==> flow/design.v <==
module mul_unit_mul_part #(parameter N = 4) (
  input logic [N-1:0] a,
  input logic [N-1:0] b,
  output logic [2*N-1:0] p
);
  assign p = a * b;
endmodule
module mul_unit #(
  parameter int DW = 20
) (
  input  logic CLK,
  input  logic clr,
  input  logic [DW-1:0] lhs_in,
  input  logic [DW-1:0] rhs_in,
  output logic [2*DW-1:0] m_out
);
  logic [DW-1:0] lhs_s;
  always_ff @(posedge CLK) begin
    if (clr) begin
      lhs_s <= '0;
    end else begin
      lhs_s <= lhs_in;
    end
  end
  logic [DW-1:0] rhs_s;
  always_ff @(posedge CLK) begin
    if (clr) begin
      rhs_s <= '0;
    end else begin
      rhs_s <= rhs_in;
    end
  end
  localparam int HW = DW / 2;
  logic [DW-1:0] ll;
  mul_unit_mul_part #(.N(HW)) inst (.a(lhs_s[HW-1:0]), .b(rhs_s[HW-1:0]), .p(ll));
  logic [DW-1:0] lh;
  mul_unit_mul_part #(.N(HW)) el (.a(lhs_s[HW-1:0]), .b(rhs_s[DW-1:HW]), .p(lh));
  logic [DW-1:0] hl;
  mul_unit_mul_part #(.N(HW)) i_sub (.a(lhs_s[DW-1:HW]), .b(rhs_s[HW-1:0]), .p(hl));
  logic [DW-1:0] hh;
  mul_unit_mul_part #(.N(HW)) unit (.a(lhs_s[DW-1:HW]), .b(rhs_s[DW-1:HW]), .p(hh));
  logic [DW:0] mid;
  assign mid = lh + hl;
  always_ff @(posedge CLK) begin
    if (clr) begin
      m_out <= '0;
    end else begin
      m_out <= {hh, ll} + {mid, {HW{1'b0}}};
    end
  end
endmodule
Step by step through the tools: mul_unit
The steps from the RTL of mul_unit to its reports follow in flow order.
Lines are those of the file above, counted from 1.
Library cell names are shortened.
The mark n/a stands for no value.

inputs
  design top = mul_unit
  clock = CLK
  cell library = sky130hd
  library corner = tt_025C_1v80

Elaborated design
Counts by Yosys on the flattened word-level netlist (proc, flatten, opt, wreduce; memories kept). Register bits leave out memories and registers merged into their read ports (data or address); mux counts leave out enables and synchronous resets folded into registers. Print and check cells are left out. Cells with the same type and inputs are merged into one.

operators by class
  multipliers = 4
  $add $sub $neg = 2

operators by type and width
  cell                                            number
  10-bit by 10-bit multiplier with 20-bit output  4
  40-bit by 31-bit adder with 40-bit output       1
  20-bit by 20-bit adder with 21-bit output       1

bit counts
  flip-flop bits (word level) = 80
  elaborated cells = 9

Depth
Longest topological path by Yosys (ltp), each cell counted once; first at word level (registers and memories cut), then after technology mapping (sequential cells cut; the memories' decode and read muxes count).

depth
  depth after elaboration = 3
  ABC_AREA = 0
  gate-level depth with buffers = 32

Synthesis result
The flow's flattened synthesis, as Yosys stat reports it; memories are mapped. The netlist is that of the ABC_AREA named above (0 if unset); the other value can give another one.
Totals and module areas in this step are rounded.

cells by type
  cell      number  total area (µm²)
  fa_1      284     5.69E+03
  ha_1      232     2.9E+03
  dfxtp_1   80      1.6E+03
  inv_1     359     1.35E+03
  and2_1    214     1.34E+03
  nand2_1   222     833.299
  xnor2_1   51      446.678
  clkbuf_1  89      334.07
  nor2b_1   51      319.056
  a21oi_1   52      260.25
  nor2_1    58      217.709
  a21o_1    20      150.144
  o21ai_0   27      135.13
  xor2_1    15      131.376
  nand3_1   15      75.072
  nor3_1    14      70.067
  a211oi_1  9       67.565
  o21bai_1  9       67.565

Not listed: further types 49, cells in them 109.

synthesis totals
  flip-flops = 80
  buffer cells = 91
  cell count = 1910
  cell area after synthesis = 17000 µm²

By module: a second synthesis without flattening, with its own total; a netlist apart from the flattened one above.

unflattened totals
  cell total of the unflattened synthesis = 2049
  area (unflattened synthesis) = 18000 µm²

Rows give one instance, submodules left out.

modules
  module                     area (µm²)  sequential area (µm²)  times used  cells
  mul_unit_mul_part #(N=10)  3400        0.0                    4           397
  mul_unit                   4300        1600                   1           461

Timing after synthesis
Path of least setup slack by OpenSTA after synthesis, without wires, with an ideal clock, recovery checks aside; 20% of the period is set as input and as output delay. Where synthesis merged equal registers, the netlist keeps one of their names.

timing after synthesis
  path type = reg-to-reg
  from = register lhs_s[5]
  to = register m_out[39]
  clock period = 9.68 ns
  path delay = 7.741 ns
  path slack = 1.939 ns
  launch time at the first pin = 0.000 ns
  stages on the path = 30
  buffers on the path = 1
  arrival = 7.618 ns
  synthesis period reached = 7.741 ns

"path delay" is the arrival time less input delay plus setup time.
"stages on the path" counts driving pins, that of a launching flip-flop among them; a cell with two outputs on the path counts twice.
"synthesis period reached" = period - worst setup slack (recovery checks aside). The figure is calculated, with input and output delays left at 20% of the set period.
The rows between start and end are the longest chain of elaborated cells between them; the timing report does not say that the signal goes this way. Where chains are equally long, one stands for them.
A line is the first line of the expression or statement that the cell stems from. Yosys adds cells for indexed reads and writes and turns some case tables into memories.

between the ends, after synthesis
  cells stage by stage = dfxtp_1 -> clkbuf_1 -> and2_1 -> fa_1 -> inv_1 -> fa_1 -> fa_1 -> inv_1 -> fa_1 -> fa_1 -> fa_1 -> inv_1 -> fa_1 -> inv_1 -> ha_1 -> a21o_1 -> a21o_1 -> a21oi_1 -> a21boi_0 -> o21ai_0 -> a21boi_0 -> a311o_1 -> ha_1 -> a21oi_1 -> o21a_1 -> a21boi_0 -> o31ai_2 -> and2_2 -> nand4_1 -> mux2_1
  cells in the longest elaborated chain = 3
  elaborated cells on any way between the ends = 4
  classes of those cells = 2 x add/sub; 2 x mul

ends and longest elaborated chain, after synthesis
  element                                         RTL line  RTL
  start: declaration                              17        logic [DW-1:0] lhs_s;
  start: assignment                               20        lhs_s <= '0;
  start: assignment                               22        lhs_s <= lhs_in;
  10-bit by 10-bit multiplier with 20-bit output  6         assign p = a * b;
  20-bit by 20-bit adder with 21-bit output       43        assign mid = lh + hl;
  40-bit by 31-bit adder with 40-bit output       48        m_out <= {hh, ll} + {mid, {HW{1'b0}}};
  end: assignment                                 46        m_out <= '0;
  end: assignment                                 48
  end: declaration                                15        output logic [2*DW-1:0] m_out

Timing after layout
From the final timing report of run A: the path of least setup slack in the routed layout; clock arrival at registers is part of the times.

timing after layout
  path type = reg-to-reg
  from = register rhs_s[12]
  to = register m_out[39]
  arrival = 8.99 ns
  buffers on the path = 0
  clock period = 13.7 ns
  path slack = 4.97 ns
  launch time at the first pin = 0.38 ns
  stages on the path = 29

The rows between start and end are the longest chain of elaborated cells between them; the timing report does not say that the signal goes this way. Where chains are equally long, one stands for them.

between the ends, after layout
  cells stage by stage = dfxtp_1 -> and2_1 -> fa_1 -> inv_1 -> fa_1 -> fa_1 -> inv_1 -> fa_1 -> fa_1 -> fa_1 -> inv_1 -> fa_1 -> inv_1 -> ha_1 -> a21o_1 -> a21o_1 -> a21oi_1 -> a21boi_0 -> o21ai_0 -> a21boi_0 -> a311o_1 -> ha_1 -> a21oi_1 -> o21a_1 -> a21boi_0 -> o31ai_2 -> and2_2 -> nand4_1 -> mux2_1
  cells in the longest elaborated chain = 3
  elaborated cells on any way between the ends = 4
  classes of those cells = 2 x add/sub; 2 x mul

ends and longest elaborated chain, after layout
  element                                         RTL line  RTL
  start: declaration                              25        logic [DW-1:0] rhs_s;
  start: assignment                               28        rhs_s <= '0;
  start: assignment                               30        rhs_s <= rhs_in;
  10-bit by 10-bit multiplier with 20-bit output  6         assign p = a * b;
  20-bit by 20-bit adder with 21-bit output       43        assign mid = lh + hl;
  40-bit by 31-bit adder with 40-bit output       48        m_out <= {hh, ll} + {mid, {HW{1'b0}}};
  end: assignment                                 46        m_out <= '0;
  end: assignment                                 48
  end: declaration                                15        output logic [2*DW-1:0] m_out

2 stored runs of mul_unit in the flow (synthesis by Yosys, layout by OpenROAD, sky130hd cells), in arbitrary order. Constraints: input delay and output delay 20% of the set period each, output load 0.01 pF.
"time of the worst setup path": the worst setup path's part of the clock period (all of it between registers, 20% less for each end at a port) less its slack. A launch clock that arrives late makes it longer, a capture clock that arrives late makes it shorter.
"total power of the final layout" rests on the timing tool's default activity at the inputs, not on a simulated workload.
Results are given in rounded form.
A setting shown as . is not set for that run.

item                                          run A       run B
period_ns                                     13.7        9.68
CORE_UTILIZATION                              16          40
HOLD_SLACK_MARGIN                             -0.07       .
GPL_ROUTABILITY_DRIVEN                        1           .
CTS_CLUSTER_SIZE                              32          .
CAP_MARGIN                                    20          20
CORE_MARGIN                                   2           2
SLEW_MARGIN                                   20          20
standard-cell area of the final layout (µm²)  20000       19000
time of the worst setup path (ns)             8.73        8.69
critical path kind                            reg-to-reg  reg-to-reg
total power of the final layout (mW)          1.6         2.3
chip area after synthesis (Yosys) (µm²)       17000       17000
worst-case hold slack (ns)                    0.76        0.88
die area (µm²)                                110000      44000
post-route utilization                        0.19        0.44
setup TNS (ns)                                0.000       0.000
smallest setup slack (ns)                     5.0         0.99
